==> flow/design.v <==
module ex_registers_blk #(
   parameter DEPTH = 32,
   parameter DW = 12,
   parameter AW = $clog2(DEPTH)
) (
   input  core_clk,
   input  we,
   input  [AW-1:0] wa,
   input  [DW-1:0] wdata,
   input  [AW-1:0] ra_a,
   input  [AW-1:0] ra_b,
   output reg [DW-1:0] dout_a,
   output reg [DW-1:0] dout_b
);
   reg we_r;
   reg [AW-1:0] wa_r;
   reg [DW-1:0] wdata_r;
   reg [DW-1:0] bank [0:DEPTH-1];
   always @(posedge core_clk) begin
      if (we_r)
         bank[wa_r] <= wdata_r;
   end
   reg [AW-1:0] ra_a_r;
   reg [AW-1:0] ra_b_r;
   always @(posedge core_clk) begin
      we_r <= we;
      wa_r <= wa;
      wdata_r <= wdata;
      ra_a_r <= ra_a;
      ra_b_r <= ra_b;
      dout_a <= (we_r && wa_r == ra_a_r) ? wdata_r : bank[ra_a_r];
      dout_b <= (we_r && wa_r == ra_b_r) ? wdata_r : bank[ra_b_r];
   end
endmodule
-- From RTL to reports: ex_registers_blk
What the tools print for ex_registers_blk, step after step.
Line numbers count from 1 in the design file above.
Cell names lack the library's common part.
Not given: -
- design top: ex_registers_blk
- clock: core_clk
- standard-cell library: sky130hd
- library corner: tt_025C_1v80

-- Elaborated design
Counts by Yosys on the flattened word-level netlist (proc, flatten, opt, wreduce; memories kept). Register bits leave out memories and registers merged into their read ports (data or address); mux counts leave out enables and synchronous resets folded into registers. Print and check cells are left out. Cells with the same type and inputs are merged into one.
Yosys's memory passes give these memory sizes; they may raise the number of words (mostly to a power of two), join words into wider ones and drop unused or constant bits.
- memory cells: 1
- memory bits (writable): 384
- clocked read ports x word width at 24
- noted output and inout bits: 24
- bits in registers: 28
- noted elaborated cells: 9
- noted latch bits: 0
- noted bits of input ports: 29
- memory bits (read-only) at 0
- memories (memory ; words ; bits a word ; read ports ; wr ports ; RTL line ; RTL):
    bank ; 32 ; 12 ; 2 ; 1 ; 18 ; reg [DW-1:0] bank [0:DEPTH-1];
- divide/modulo/power cells at 0
- order comparisons at 0
- noted muxes and demuxes: 3
- eq/ne operators: 0
- noted reductions and logical operators: 0
- multiply operators: 0
- bitwise gates (word level): 0
- shifts and indexed selects: 0
- add/sub/neg operators: 0
- operators with widths (operator ; count):
    12-bit two-way mux ; 1
    5-bit two-way mux ; 1
    1-bit two-way mux ; 1

-- Depth
Depth = most cells in a row (Yosys ltp): at word level without a register or memory, in the mapped netlist without a sequential cell, where the memories' decode and read muxes count.
- word-level depth: 1
- ABC_AREA at 0
- depth in mapped cells at 8
- depth with buffers taken out at 5

-- Synthesis result
Source: synth_stat.txt of the flow (Yosys; design flattened, memories mapped). It holds for the ABC_AREA given above (unset counts as 0); a run with the other value may have another netlist.
Totals and module areas in this step are rounded.
- area of sequential cells: 0.01229 sq mm
- mapped cells at 1320
- mapped flip-flops at 422
- noted mapped area: 0.01948 sq mm
- buffers: 95
- cell types (cell ; count ; area in all (sq um)):
    edfxtp_1 ; 384 ; 1.15E+04
    mux2i_1 ; 384 ; 3.84E+03
    dfxtp_1 ; 38 ; 760.73
    a22oi_1 ; 96 ; 720.691
    a22o_1 ; 48 ; 420.403
    buf_12 ; 16 ; 320.307
    nand3_1 ; 50 ; 250.24
    a21oi_1 ; 48 ; 240.23
    nand2_1 ; 49 ; 183.926
    a31oi_1 ; 24 ; 150.144
    nand4_1 ; 24 ; 150.144
    buf_2 ; 28 ; 140.134
    nor2_1 ; 35 ; 131.376
    buf_6 ; 11 ; 123.869
    nor3_1 ; 24 ; 120.115
    buf_4 ; 13 ; 97.594
    clkbuf_1 ; 21 ; 78.826
    buf_8 ; 4 ; 60.058
Other cell types: 8; their cells: 23.

-- Worst setup path after synthesis
Path of least setup slack by OpenSTA after synthesis, without wires, with an ideal clock, recovery checks aside; 20% of the period is set as input and as output delay. Where synthesis merged equal registers, the netlist keeps one of their names.
- path kind: reg2reg
- start: register we_r
- end: memory bank[0][0]
- noted path delay: 1890 ps
- library setup time: 380 ps
- noted launch time at the first pin: 0 ps
- noted arrival time: 1510 ps
- path buffers: 1
- clock period at 2360 ps
- noted required time: 1980 ps
- noted setup slack: 470 ps
- stages on the path: 4
- synthesis period reached: 1890 ps
"path delay" is the arrival time less input delay plus setup time.
"stages on the path" counts driving pins, that of a launching flip-flop among them; a cell with two outputs on the path counts twice.
"synthesis period reached" = period - worst setup slack (recovery checks aside). The figure is calculated, with input and output delays left at 20% of the set period.
Between the ends stands the longest chain of elaborated cells between them, by number of cells; it is not shown to be the way that was timed. Of several equally long chains one is given.
A line is the first line of the expression or statement that the cell stems from. Yosys adds cells for indexed reads and writes and turns some case tables into memories.
The path ends at the enable pin of a flip-flop; only ways to that pin are counted.
- cell sequence: dfxtp_1 > or3b_2 > clkbuf_1 > nor2_1
- length of the longest elaborated chain: 1
- noted elaborated cells on any way between the ends: 2
- RTL lines with such cells: 1
- classes of those cells: mux (2)
- ends and longest elaborated chain, post-synthesis (element ; RTL line ; RTL):
    start, declared ; 15 ; reg we_r;
    start, assigned ; 26 ; we_r <= we;
    5-bit two-way mux ; 20 ; if (we_r)
    end, declared ; 18 ; reg [DW-1:0] bank [0:DEPTH-1];

-- Path in the finished layout
From the final timing report of stored run 1: the path of least setup slack in the routed layout; clock arrival at registers is part of the times.
The report prints the path's times to 10 ps; the period is as set.
- path kind: reg2out
- start: register (no name shown)
- end: output dout_b[6]
- noted setup slack: -560 ps
- path buffers: 5
- noted arrival time: 2450 ps
- clock period at 2360 ps
- stages on the path: 10
- noted launch time at the first pin: 580 ps
- noted output delay: 470 ps
- noted required time: 1890 ps
- cell sequence: dfxtp_4 > buf_8 > buf_12 > buf_16 > buf_12 > mux2i_2 > a22oi_2 > nand4_1 > nand3_2 > buf_6
- ends and longest elaborated chain, post-layout (element ; RTL line ; RTL):
    end, declared ; 13 ; output reg [DW-1:0] dout_b
Chain of elaborated cells between the ends: none given.

ex_registers_blk through Yosys and OpenROAD on sky130hd: 3 stored runs, unordered, with their settings and measured results. The constraints put input and output delay at 20% of the set period each and load the outputs with 0.01 pF.
"reached clock period" means the clock period less the worst setup slack. The figure is calculated, with input and output delays left at 20% of the set period.
"time of the worst setup path" is the time allowed to the run's worst setup path (the clock period less input and output delay, where it has them) less its slack. Clock arrival times count: a late capture clock shortens it, a late launch clock lengthens it.
By "total power after layout" is meant OpenSTA's value without simulated activity: inputs other than the clock are taken to toggle once in ten clock periods, and the tool carries that through the logic.
"time of the worst setup path" is given in steps of 10 ps.
The results are shown rounded.

Stored run 1

==> flow/run.sh <==
#!/bin/bash
# the make line also repeats the synthesis and layout settings of config.mk as NAME=value (left out here)
make -C /OpenROAD-flow-scripts/flow DESIGN_CONFIG=/design/flow/config.mk WORK_HOME=/design/flow/orfs CLKGATE_MAP_FILE= finish
==> flow/config.mk <==
export PLATFORM = sky130hd
export DESIGN_NAME = ex_registers_blk
export DESIGN_NICKNAME = ex_registers_blk
export VERILOG_FILES = /design/flow/design.v
export SDC_FILE = /design/flow/constraint.sdc
export NUM_CORES = 4
export LEC_CHECK = 0
export CAP_MARGIN = 20
export CORE_MARGIN = 2
export CORE_UTILIZATION = 40
export SLEW_MARGIN = 20
==> flow/constraint.sdc <==
create_clock -name core_clock -period 2.36 [get_ports {core_clk}]
set_input_delay 0.4720 -clock core_clock [delete_from_list [all_inputs] [get_ports {core_clk}]]
set_output_delay 0.4720 -clock core_clock [all_outputs]
set_load 0.01 [all_outputs]

Measured in stored run 1:
- noted the total die area: 0.05047 sq mm
- time of the worst setup path at 2,450 ps
- kind of the worst setup path: reg2out
- smallest setup slack at -563 ps
- total power after layout: 17,670 uW
- noted the mapped cell area after synthesis: 0.01948 sq mm
- noted the standard-cell area after layout: 0.02609 sq mm
- noted the lowest hold slack: 327 ps
- reached clock period at 2,923 ps

Stored run 2

==> flow/run.sh <==
#!/bin/bash
# the make line also repeats the synthesis and layout settings of config.mk as NAME=value (left out here)
make -C /OpenROAD-flow-scripts/flow DESIGN_CONFIG=/design/flow/config.mk WORK_HOME=/design/flow/orfs CLKGATE_MAP_FILE= finish
==> flow/config.mk <==
export PLATFORM = sky130hd
export DESIGN_NAME = ex_registers_blk
export DESIGN_NICKNAME = ex_registers_blk
export VERILOG_FILES = /design/flow/design.v
export SDC_FILE = /design/flow/constraint.sdc
export NUM_CORES = 4
export LEC_CHECK = 0
export ABC_AREA = 0
export CAP_MARGIN = 40
export CELL_PAD_IN_SITES_DETAIL_PLACEMENT = 1
export CORE_ASPECT_RATIO = 0.63
export CORE_MARGIN = 2
export CORE_UTILIZATION = 19
export CTS_CLUSTER_SIZE = 45
export MAX_ROUTING_LAYER = met5
export PLACE_DENSITY_LB_ADDON = 0.13
export SETUP_SLACK_MARGIN = 0.7
export SLEW_MARGIN = 20
==> flow/constraint.sdc <==
create_clock -name core_clock -period 2.35 [get_ports {core_clk}]
set_input_delay 0.4700 -clock core_clock [delete_from_list [all_inputs] [get_ports {core_clk}]]
set_output_delay 0.4700 -clock core_clock [all_outputs]
set_load 0.01 [all_outputs]

Measured in stored run 2:
- noted the total die area: 0.1052 sq mm
- time of the worst setup path at 2,620 ps
- kind of the worst setup path: reg2out
- smallest setup slack at -742 ps
- total power after layout: 19,150 uW
- noted the mapped cell area after synthesis: 0.01948 sq mm
- noted the standard-cell area after layout: 0.02777 sq mm
- noted the lowest hold slack: 309 ps
- reached clock period at 3,092 ps

Stored run 3

==> flow/run.sh <==
#!/bin/bash
# the make line also repeats the synthesis and layout settings of config.mk as NAME=value (left out here)
make -C /OpenROAD-flow-scripts/flow DESIGN_CONFIG=/design/flow/config.mk WORK_HOME=/design/flow/orfs CLKGATE_MAP_FILE= finish
==> flow/config.mk <==
export PLATFORM = sky130hd
export DESIGN_NAME = ex_registers_blk
export DESIGN_NICKNAME = ex_registers_blk
export VERILOG_FILES = /design/flow/design.v
export SDC_FILE = /design/flow/constraint.sdc
export NUM_CORES = 4
export LEC_CHECK = 0
export CAP_MARGIN = 15
export CORE_MARGIN = 2
export CORE_UTILIZATION = 20
export CTS_CLUSTER_DIAMETER = 77
export GPL_ROUTABILITY_DRIVEN = 1
export GPL_TIMING_DRIVEN = 0
export MAX_ROUTING_LAYER = met5
export PLACE_DENSITY_LB_ADDON = 0.26
export SETUP_SLACK_MARGIN = 0.49
export SLEW_MARGIN = 0
==> flow/constraint.sdc <==
create_clock -name core_clock -period 3.13 [get_ports {core_clk}]
set_input_delay 0.6260 -clock core_clock [delete_from_list [all_inputs] [get_ports {core_clk}]]
set_output_delay 0.6260 -clock core_clock [all_outputs]
set_load 0.01 [all_outputs]

Measured in stored run 3:
- noted the total die area: 0.09989 sq mm
- time of the worst setup path at 2,580 ps
- kind of the worst setup path: reg2out
- smallest setup slack at -71 ps
- total power after layout: 13,220 uW
- noted the mapped cell area after synthesis: 0.01948 sq mm
- noted the standard-cell area after layout: 0.0255 sq mm
- noted the lowest hold slack: 324 ps
- reached clock period at 3,201 ps
